==> flow/design.v <==
module add_rtl #(
    parameter integer DWIDTH = 24,
    parameter integer GROUP = 2
) (
    input wire aclk,
    input wire nrst,
    input wire clk_en,
    input wire [DWIDTH-1:0] dataa,
    input wire [DWIDTH-1:0] datab,
    input wire carry_in,
    output reg [DWIDTH-1:0] res,
    output reg carry_out
);
    localparam GROUPS = DWIDTH / GROUP;
    wire [DWIDTH-1:0] r;
    wire [GROUPS:0] c;
    assign c[0] = carry_in;
    genvar g;
    generate
        for (g = 0; g < GROUPS; g = g + 1) begin : row
            wire [GROUP:0] s0 = dataa[g*GROUP +: GROUP] + datab[g*GROUP +: GROUP];
            wire [GROUP:0] s1 = dataa[g*GROUP +: GROUP] + datab[g*GROUP +: GROUP] + 1'b1;
            assign {c[g+1], r[g*GROUP +: GROUP]} = c[g] ? s1 : s0;
        end
    endgenerate
    always @(posedge aclk or negedge nrst) begin
        if (~nrst) begin
            res <= 0;
            carry_out <= 1'b0;
        end else if (clk_en) begin
            res <= r;
            carry_out <= c[GROUPS];
        end
    end
endmodule
==> Tool chain data of add_rtl <==
What the tools print for add_rtl, step after step.
Line numbers count from 1 in the design file above.
Operators: Yosys type, input widths -> output width; for muxes data width and select width s.
Library cell names are shortened.
{ "inputs": {"design": "add_rtl", "clk_port": "aclk", "cell_library": "sky130hd", "corner": "tt_025C_1v80"} }

==> After elaboration <==
Yosys after proc, flatten, opt, wreduce and memory -nomap, before mapping. Enables and synchronous resets that opt folds into registers are not counted as muxes. Memory bits, and registers merged into a memory's read port (data or address), are not among the register bits. Print and check cells are not counted. Equal cells are merged and count once.
{ "classes": {"addsub": 24, "muxes": 12} }
{ "op_table": {"columns": ["op", "n"], "rows": [
  ["$add 2x2->3", 12],
  ["$add 3x1->3 const B", 12],
  ["$mux 3", 12]
]} }
{ "word_totals": {"regBits": 25, "wordCells": 38} }

==> Logic depth <==
Depth = most cells in a row (Yosys ltp): at word level without a register or memory, in the mapped netlist without a sequential cell, where the memories' decode and read muxes count.
{ "logic_depth": {"depth_word": 14, "abc_area": 0, "ltp_mapped": 16, "mapped_depth_nobuf": 15} }

==> After synthesis <==
The flow's flattened synthesis, as Yosys stat reports it; memories are mapped. The netlist is that of the ABC_AREA named above (0 if unset); the other value can give another one.
{ "by_type": {"columns": ["type", "n", "type_area_um2"], "rows": [
  ["dfrtp_1", 25, 625.6],
  ["ha_1", 24, 300.288],
  ["fa_1", 12, 240.23],
  ["inv_1", 32, 120.115],
  ["a21oi_1", 22, 110.106],
  ["nor2_1", 29, 108.854],
  ["xnor2_1", 12, 105.101],
  ["mux2i_1", 7, 70.067],
  ["mux2_2", 4, 45.043],
  ["nand2_1", 11, 41.29],
  ["nand3_1", 7, 35.034],
  ["xor2_1", 4, 35.034],
  ["nor4_1", 5, 31.28],
  ["nand3b_1", 4, 30.029],
  ["o221ai_2", 2, 30.029],
  ["a32oi_4", 1, 27.526],
  ["o2111ai_1", 3, 26.275],
  ["a31oi_1", 4, 25.024]
]} }
Other cell types: 39; their cells: 55.
{ "synth_totals": {"stdcells": 263, "mapped_area_um2": 2451.1, "seq_area_um2": 625.6, "flip_flops": 25, "buffers": 10} }

==> Path before layout <==
Path of least setup slack by OpenSTA after synthesis, without wires, with an ideal clock, recovery checks aside; 20% of the period is set as input and as output delay. Where synthesis merged equal registers, the netlist keeps one of their names.
{ "synth_path": {"kind": "input -> register", "from": "in dataa[0]", "to": "reg carry_out", "tclk_ps": 5830, "input_delay_ps": 1166, "launch_ps": 1166, "arrival_time_ps": 4815, "t_required_ps": 5750, "path_slack_ps": 935, "path_delay_ps": 3729, "path_stages": 16, "path_buffers": 1, "synth_period_reached_ps": 4895} }
"path_delay_ps" = arrival - input delay + setup time.
"path_stages" counts driving pins, that of a launching flip-flop among them; a cell with two outputs on the path counts twice.
"synth_period_reached_ps" is the clock period less the worst setup slack; recovery checks do not enter. This is arithmetic on one report: input and output delays are still those of the set period (20% each).
The rows between start and end are the longest chain of elaborated cells between them; the timing report does not say that the signal goes this way. Where chains are equally long, one stands for them.
A line is the first line of the expression or statement that the cell stems from. Yosys adds cells for indexed reads and writes and turns some case tables into memories.
{ "synth_via": {"cell_sequence": "ha_1 -> inv_1 -> fa_1 -> inv_1 -> ha_1 -> and3b_1 -> buf_6 -> or4_4 -> and4_4 -> o32a_1 -> nor4_2 -> nor3_1 -> a211o_1 -> a311o_1 -> o21a_2 -> o211ai_2", "elab_chain_len": 14} }
{ "synth_lines": {"columns": ["element", "line_no", "text"], "rows": [
  ["from (decl)", 8, "input wire [DWIDTH-1:0] dataa,"],
  ["$add 2x2->3", 22, "wire [GROUP:0] s1 = dataa[g*GROUP +: GROUP] + datab[g*GROUP +: GROUP] + 1'b1;"],
  ["$add 3x1->3", 22, null],
  ["$mux 3 (12 in a row)", 23, "assign {c[g+1], r[g*GROUP +: GROUP]} = c[g] ? s1 : s0;"],
  ["to (assign)", 29, "carry_out <= 1'b0;"],
  ["to (assign)", 32, "carry_out <= c[GROUPS];"],
  ["to (decl)", 12, "output reg carry_out"]
]} }

==> Worst path after layout <==
From the final timing report of run A: the path of least setup slack in the routed layout; clock arrival at registers is part of the times.
The report prints the path's times to 10 ps; the period is as set.
{ "layout_path": {"kind": "input -> register", "from": "in dataa[0]", "to": "reg res[22]", "tclk_ps": 5830, "input_delay_ps": 1170, "launch_ps": 1170, "arrival_time_ps": 5460, "t_required_ps": 5960, "path_slack_ps": 510, "path_stages": 17, "path_buffers": 2} }
The rows between start and end are the longest chain of elaborated cells between them; the timing report does not say that the signal goes this way. Where chains are equally long, one stands for them.
{ "layout_via": {"cell_sequence": "clkdlybuf4s50_1 -> ha_1 -> inv_1 -> fa_1 -> inv_1 -> ha_1 -> and3b_1 -> or4_4 -> a31oi_1 -> a2111oi_1 -> buf_4 -> nor4_2 -> nor3_1 -> a2111oi_0 -> a311o_1 -> o21a_2 -> o221ai_2", "elab_chain_len": 14} }
{ "layout_lines": {"columns": ["element", "line_no", "text"], "rows": [
  ["from (decl)", 8, "input wire [DWIDTH-1:0] dataa,"],
  ["$add 2x2->3", 22, "wire [GROUP:0] s1 = dataa[g*GROUP +: GROUP] + datab[g*GROUP +: GROUP] + 1'b1;"],
  ["$add 3x1->3", 22, null],
  ["$mux 3 (12 in a row)", 23, "assign {c[g+1], r[g*GROUP +: GROUP]} = c[g] ? s1 : s0;"],
  ["to (assign)", 28, "res <= 0;"],
  ["to (assign)", 31, "res <= r;"],
  ["to (decl)", 11, "output reg [DWIDTH-1:0] res,"]
]} }

Ticket comment

Stored flow runs of add_rtl (2 of them; Yosys, OpenROAD, sky130hd). They differ in their settings and are not a sequence. Constraints: input delay and output delay 20% of the set period each, output load 0.01 pF.
"achievedPeriod_ps": clock period set for the run, less the worst setup slack. It is reckoned from that one timing run; input and output delays stay at 20% of the period that was set.
"worst_setup_path_time_ps" = time allowed to the worst setup path (clock period - input delay - output delay, where it has them) - its slack; a late launch clock adds to it, a late capture clock takes from it.
"total_power_w": no workload was simulated; the value follows from the tool's default switching activity.
"worst_setup_path_time_ps" is known to 10 ps.

Run A
==> flow/run.sh <==
#!/bin/bash
# the make line also repeats the synthesis and layout settings of config.mk as NAME=value (left out here)
make -C /OpenROAD-flow-scripts/flow DESIGN_CONFIG=/design/flow/config.mk WORK_HOME=/design/flow/orfs CLKGATE_MAP_FILE= finish
==> flow/config.mk <==
export PLATFORM = sky130hd
export DESIGN_NAME = add_rtl
export DESIGN_NICKNAME = add_rtl
export VERILOG_FILES = /design/flow/design.v
export SDC_FILE = /design/flow/constraint.sdc
export NUM_CORES = 4
export LEC_CHECK = 0
export CAP_MARGIN = 20
export CORE_MARGIN = 2
export CORE_UTILIZATION = 40
export SLEW_MARGIN = 20
==> flow/constraint.sdc <==
create_clock -name core_clock -period 5.83 [get_ports {aclk}]
set_input_delay 1.1660 -clock core_clock [delete_from_list [all_inputs] [get_ports {aclk}]]
set_output_delay 1.1660 -clock core_clock [all_outputs]
set_load 0.01 [all_outputs]

==> results of run A, as JSON <==
{
  "synthesis_area_um2": 2451.1,
  "die_um2": 6770.0,
  "cell_area_final_um2": 3314.4,
  "timing.setup.ws_ps": 506,
  "holdWs_ps": 516,
  "total_power_w": 0.0007102,
  "achievedPeriod_ps": 5324,
  "worst_setup_path_time_ps": 4160,
  "worstPathKind": "input -> register"
}

Run B
==> flow/run.sh <==
#!/bin/bash
# the make line also repeats the synthesis and layout settings of config.mk as NAME=value (left out here)
make -C /OpenROAD-flow-scripts/flow DESIGN_CONFIG=/design/flow/config.mk WORK_HOME=/design/flow/orfs CLKGATE_MAP_FILE= finish
==> flow/config.mk <==
export PLATFORM = sky130hd
export DESIGN_NAME = add_rtl
export DESIGN_NICKNAME = add_rtl
export VERILOG_FILES = /design/flow/design.v
export SDC_FILE = /design/flow/constraint.sdc
export NUM_CORES = 4
export LEC_CHECK = 0
export ABC_AREA = 0
export CAP_MARGIN = 35
export CORE_MARGIN = 2
export CORE_UTILIZATION = 41
export CTS_CLUSTER_DIAMETER = 48
export MAX_ROUTING_LAYER = met5
export PLACE_DENSITY_LB_ADDON = 0.28
export SETUP_SLACK_MARGIN = -0.43
export SLEW_MARGIN = 40
export TNS_END_PERCENT = 15
==> flow/constraint.sdc <==
create_clock -name core_clock -period 5.42 [get_ports {aclk}]
set_input_delay 1.0840 -clock core_clock [delete_from_list [all_inputs] [get_ports {aclk}]]
set_output_delay 1.0840 -clock core_clock [all_outputs]
set_load 0.01 [all_outputs]

==> results of run B, as JSON <==
{
  "synthesis_area_um2": 2451.1,
  "die_um2": 6612.9,
  "cell_area_final_um2": 3354.5,
  "timing.setup.ws_ps": 244,
  "holdWs_ps": 516,
  "total_power_w": 0.0007692,
  "achievedPeriod_ps": 5176,
  "worst_setup_path_time_ps": 4090,
  "worstPathKind": "input -> register"
}
